==> flow/design.v <==
module alu_mplex_blk (ck, ch, s, result);
  parameter W = 12;
  parameter INPUTS = 3;
  localparam LOGN = $clog2(INPUTS);
  input ck;
  input [INPUTS*W-1:0] ch;
  input [LOGN-1:0] s;
  output [W-1:0] result;
  reg [INPUTS*W-1:0] ch_reg;
  reg [LOGN-1:0] s_reg;
  always @(posedge ck) begin
    ch_reg <= ch;
    s_reg <= s;
  end
  wire [INPUTS-1:0] dec;
  assign dec = {{(INPUTS-1){1'b0}}, 1'b1} << s_reg;
  reg [W-1:0] r;
  integer k;
  always @* begin
    r = 0;
    for (k = 0; k < INPUTS; k = k + 1)
      r = r | (ch_reg[k*W +: W] & {W{dec[k]}});
  end
  assign result = r;
endmodule
# --- From RTL to reports: alu_mplex_blk ---
# Module alu_mplex_blk in several versions that differ in "INPUTS"; each step lists the members.
# The file above is the member INPUTS 3. Line numbers count from 1 in each member's own file.
# Cell names lack the library's common part.
setup:
  design: "alu_mplex_blk"
  clk_port: "ck"
  cell_library: "sky130hd"
  lib_corner: "tt_025C_1v80"

# --- Members of the sweep ---
# Lines of each other member's file that are new or changed against the file above; lines that a member lacks are not shown.
changed_lines:
  columns: ["INPUTS", "line_no", "source"]
  rows:
  - [4, 3, "parameter INPUTS = 4;"]
  - [5, 3, "parameter INPUTS = 5;"]
  - [6, 3, "parameter INPUTS = 6;"]
  - [8, 3, "parameter INPUTS = 8;"]
  - [32, 3, "parameter INPUTS = 32;"]

# --- Word level ---
# Counts by Yosys on the flattened word-level netlist (proc, flatten, opt, wreduce; memories kept). Register bits leave out memories and registers merged into their read ports (data or address); mux counts leave out enables and synchronous resets folded into registers. Print and check cells are left out. Cells with the same type and inputs are merged into one.
classes:
  columns: ["INPUTS", "n_mux", "eq_ne", "bitwise", "n_mul", "addsub", "compare", "n_shift", "reduce_logical", "n_div"]
  rows:
  - [3, 0, 0, 5, 0, 0, 0, 1, 0, 0]
  - [4, 0, 0, 7, 0, 0, 0, 1, 0, 0]
  - [5, 0, 0, 9, 0, 0, 0, 1, 0, 0]
  - [6, 0, 0, 11, 0, 0, 0, 1, 0, 0]
  - [8, 0, 0, 15, 0, 0, 0, 1, 0, 0]
  - [32, 0, 0, 63, 0, 0, 0, 1, 0, 0]
ops:
  columns: ["INPUTS", "op_list"]
  rows:
  - [3, "AND 12 bit (3); OR 12 bit (2); << shifter 1 x 2 -> 3 bit (first input constant) (1)"]
  - [4, "AND 12 bit (4); OR 12 bit (3); << shifter 1 x 2 -> 4 bit (first input constant) (1)"]
  - [5, "AND 12 bit (5); OR 12 bit (4); << shifter 1 x 3 -> 5 bit (first input constant) (1)"]
  - [6, "AND 12 bit (6); OR 12 bit (5); << shifter 1 x 3 -> 6 bit (first input constant) (1)"]
  - [8, "AND 12 bit (8); OR 12 bit (7); << shifter 1 x 3 -> 8 bit (first input constant) (1)"]
  - [32, "AND 12 bit (32); OR 12 bit (31); << shifter 1 x 5 -> 32 bit (first input constant) (1)"]
word_totals:
  columns: ["INPUTS", "n_memories", "output_inout_bits", "clocked_rd_ports_x_width", "input_bits", "latch_bits", "rom_bits", "elab_cells", "ram_bits", "regBits"]
  rows:
  - [3, 0, 12, 0, 39, 0, 0, 8, 0, 38]
  - [4, 0, 12, 0, 51, 0, 0, 10, 0, 50]
  - [5, 0, 12, 0, 64, 0, 0, 12, 0, 63]
  - [6, 0, 12, 0, 76, 0, 0, 14, 0, 75]
  - [8, 0, 12, 0, 100, 0, 0, 18, 0, 99]
  - [32, 0, 12, 0, 390, 0, 0, 66, 0, 389]

# --- Depth ---
# Yosys ltp: most cells in a row. Word level: on the elaborated netlist, between registers, memories and ports. Mapped: between sequential cells and ports; inverters and the memories' decode and read muxes count.
logic_depth:
  columns: ["INPUTS", "depth_word", "ABC_AREA", "mapped_depth", "depth_no_buf"]
  rows:
  - [3, 4, 0, 3, 2]
  - [4, 5, 0, 2, 1]
  - [5, 6, 0, 5, 3]
  - [6, 7, 0, 5, 3]
  - [8, 9, 0, 4, 2]
  - [32, 33, 0, 8, 5]

# --- Netlist ---
# The flow's flattened synthesis, as Yosys stat reports it; memories are mapped. The netlist is that of the ABC_AREA named above (0 if unset); the other value can give another one.
# Totals and module areas in this step are rounded.
mapped:
  columns: ["INPUTS", "flip_flops", "seq_area_um2", "area_um2", "buffers", "cell_count"]
  rows:
  - [3, 38, 760.7, 1012, 3, 66]
  - [4, 50, 1001, 1299, 2, 64]
  - [5, 63, 1261, 1737, 8, 126]
  - [6, 75, 1501, 2143, 7, 157]
  - [8, 99, 1982, 2788, 7, 142]
  - [32, 389, 7787, 10800, 44, 825]
types:
  columns: ["INPUTS", "cell_types"]
  rows:
  - [3, "dfxtp_1 (38); mux2i_1 (12); o2bb2ai_1 (12); buf_6 (1); nor2b_1 (1); buf_2 (1); clkbuf_1 (1)"]
  - [4, "dfxtp_1 (50); mux4_2 (9); mux4_1 (3); buf_6 (1); buf_2 (1)"]
  - [5, "dfxtp_1 (63); a32oi_1 (12); a22oi_1 (12); mux2_1 (7); o21ai_1 (12); mux2_2 (5); nor2b_1 (5); buf_2 (3); buf_6 (1); buf_4 (1); clkbuf_1 (2); nor2_1 (2); clkbuf_2 (1)"]
  - [6, "dfxtp_1 (75); mux2i_1 (19); mux2_2 (6); a221o_1 (5); nand3b_1 (5); nand2_1 (8); o311ai_1 (3); a22oi_1 (3); buf_6 (2); o21ai_0 (4); o32a_1 (2); nor2_1 (5); a221oi_1 (2); buf_2 (3); buf_4 (2); o21ai_1 (3); a31oi_1 (2); nor2b_1 (2); (+6)"]
  - [8, "dfxtp_1 (99); mux4_1 (21); mux2_2 (12); mux4_2 (3); buf_6 (3); buf_2 (2); clkbuf_1 (2)"]
  - [32, "dfxtp_1 (389); a22oi_1 (83); a22o_1 (30); nand3_1 (39); mux2_2 (13); mux2i_1 (14); nand4_1 (22); nor2_1 (34); buf_2 (23); a2111oi_0 (10); a21oi_1 (16); and4_1 (9); o2bb2ai_1 (9); and3_1 (11); nor4_1 (10); o22ai_1 (10); a32oi_1 (7); clkbuf_1 (16); (+80)"]
# A list marked (+n) leaves out that many cells.

# --- Timing after synthesis ---
# Source: OpenSTA report_checks on the synthesized netlist (no wires, ideal clock, input and output delay 20% of the period each), path of least setup slack; recovery checks are left aside. Register names are those of the netlist, which keeps one name where synthesis merged equal registers.
synth_path:
  columns: ["INPUTS", "kind", "start", "end", "driving_pins", "period_ns", "delay_ns", "setup_slack_ns", "synth_period_reached_ns"]
  rows:
  - [3, "register -> output", "register s_reg[1]", "output result[10]", 4, 1.41, 0.900, 0.228, 1.182]
  - [4, "register -> output", "register s_reg[0]", "output result[1]", 3, 1.68, 1.076, 0.268, 1.412]
  - [5, "register -> output", "register s_reg[2]", "output result[10]", 5, 1.77, 1.131, 0.285, 1.485]
  - [6, "register -> output", "register s_reg[2]", "output result[1]", 5, 1.74, 1.115, 0.277, 1.463]
  - [8, "register -> output", "register s_reg[0]", "output result[10]", 5, 2.18, 1.396, 0.348, 1.832]
  - [32, "register -> output", "register s_reg[4]", "output result[4]", 9, 2.75, 1.762, 0.438, 2.312]
# "delay_ns" is the arrival time less input delay plus setup time.
# A path that ends at an output port has no setup time.
# "driving_pins": output pins that drive a net of the path, with the launching flip-flop's if there is one; two outputs of one cell count as two.
# "synth_period_reached_ns" = period - worst setup slack (recovery checks aside). The figure is calculated, with input and output delays left at 20% of the set period.
# Between the ends stands the longest chain of elaborated cells between them, by number of cells; it is not shown to be the way that was timed. Of several equally long chains one is given.
# Each line given opens the expression or statement behind the cell; cells for indexed reads and writes are added by Yosys, which also makes memories of some case tables.
synth_via_INPUTS_3:
  elab_chain_cells: 4
synth_lines_INPUTS_3:
  columns: ["element", "line_no", "source"]
  rows:
  - ["start: declaration", 10, "reg [LOGN-1:0] s_reg;"]
  - ["start: assignment", 13, "s_reg <= s;"]
  - ["<< shifter 1 x 2 -> 3 bit", 16, "assign dec = {{(INPUTS-1){1'b0}}, 1'b1} << s_reg;"]
  - ["AND 12 bit", 22, "r = r | (ch_reg[k*W +: W] & {W{dec[k]}});"]
  - ["OR 12 bit (2 in a row)", 22, null]
  - ["end: declaration", 8, "output [W-1:0] result;"]
synth_via_INPUTS_32:
  elab_chain_cells: 33
synth_lines_INPUTS_32:
  columns: ["element", "line_no", "source"]
  rows:
  - ["start: declaration", 10, "reg [LOGN-1:0] s_reg;"]
  - ["start: assignment", 13, "s_reg <= s;"]
  - ["<< shifter 1 x 5 -> 32 bit", 16, "assign dec = {{(INPUTS-1){1'b0}}, 1'b1} << s_reg;"]
  - ["AND 12 bit", 22, "r = r | (ch_reg[k*W +: W] & {W{dec[k]}});"]
  - ["OR 12 bit (31 in a row)", 22, null]
  - ["end: declaration", 8, "output [W-1:0] result;"]

# --- Timing after layout ---
# Path of least setup slack in the final report of the run of each member (OpenROAD, finished layout, wires in). Where an end is a register, its clock arrival counts in the times.
layout_path:
  columns: ["INPUTS", "kind", "start", "end", "setup_slack_ns", "t_arrival_ns", "path_buffers", "driving_pins", "period_ns"]
  rows:
  - [3, "register -> output", "register s_reg[0]", "output result[3]", -0.15, 1.28, 2, 5, 1.41]
  - [4, "register -> output", "register s_reg[0]", "output result[7]", -0.18, 1.53, 2, 4, 1.68]
  - [5, "register -> output", "register s_reg[2]", "output result[10]", -0.16, 1.58, 2, 6, 1.77]
  - [6, "register -> output", "register s_reg[2]", "output result[8]", -0.24, 1.63, 2, 6, 1.74]
  - [8, "register -> output", "register s_reg[0]", "output result[6]", -0.08, 1.82, 2, 5, 2.18]
  - [32, "register -> output", "register s_reg[4]", "output result[9]", -0.38, 2.58, 5, 10, 2.75]

# --- Measured runs ---
# Settings and results of one run of the flow (Yosys, OpenROAD) for each member follow. The constraints put input and output delay at 20% of the set period each and load the outputs with 0.01 pF.
flow_settings:
  CAP_MARGIN: 20
  CORE_MARGIN: 2
  CORE_UTILIZATION: 40
  SLEW_MARGIN: 20
settings_by_member:
  columns: ["INPUTS", "period_ns"]
  rows:
  - [3, 1.41]
  - [4, 1.68]
  - [5, 1.77]
  - [6, 1.74]
  - [8, 2.18]
  - [32, 2.75]
results:
  columns: ["INPUTS", "period_less_ws_ns", "post_synth_area_um2", "timing.hold.ws_ns", "power_uw", "final_cell_area_um2", "design_die_area_um2", "timing.setup.tns_ns", "util_pct", "setup_ws_ns"]
  rows:
  - [3, 1.559, 1012, 0.385, 2275, 1657, 2949, -1.496, 68.1, -0.149]
  - [4, 1.863, 1299, 0.399, 2006, 2037, 3719, -1.901, 66.2, -0.183]
  - [5, 1.931, 1737, 0.460, 2991, 2859, 4885, -1.307, 70.0, -0.161]
  - [6, 1.978, 2143, 0.440, 3519, 3441, 5960, -2.263, 66.9, -0.238]
  - [8, 2.259, 2788, 0.517, 3451, 4200, 7653, -0.781, 62.2, -0.079]
  - [32, 3.130, 10800, 0.456, 12810, 18460, 28330, -3.786, 69.1, -0.380]
# "period_less_ws_ns" is the run's clock period less its worst setup slack. It is reckoned from that one timing run; input and output delays stay at 20% of the period that was set.
# "power_uw" rests on the timing tool's default activity at the inputs, not on a simulated workload.
# Measured values are rounded.
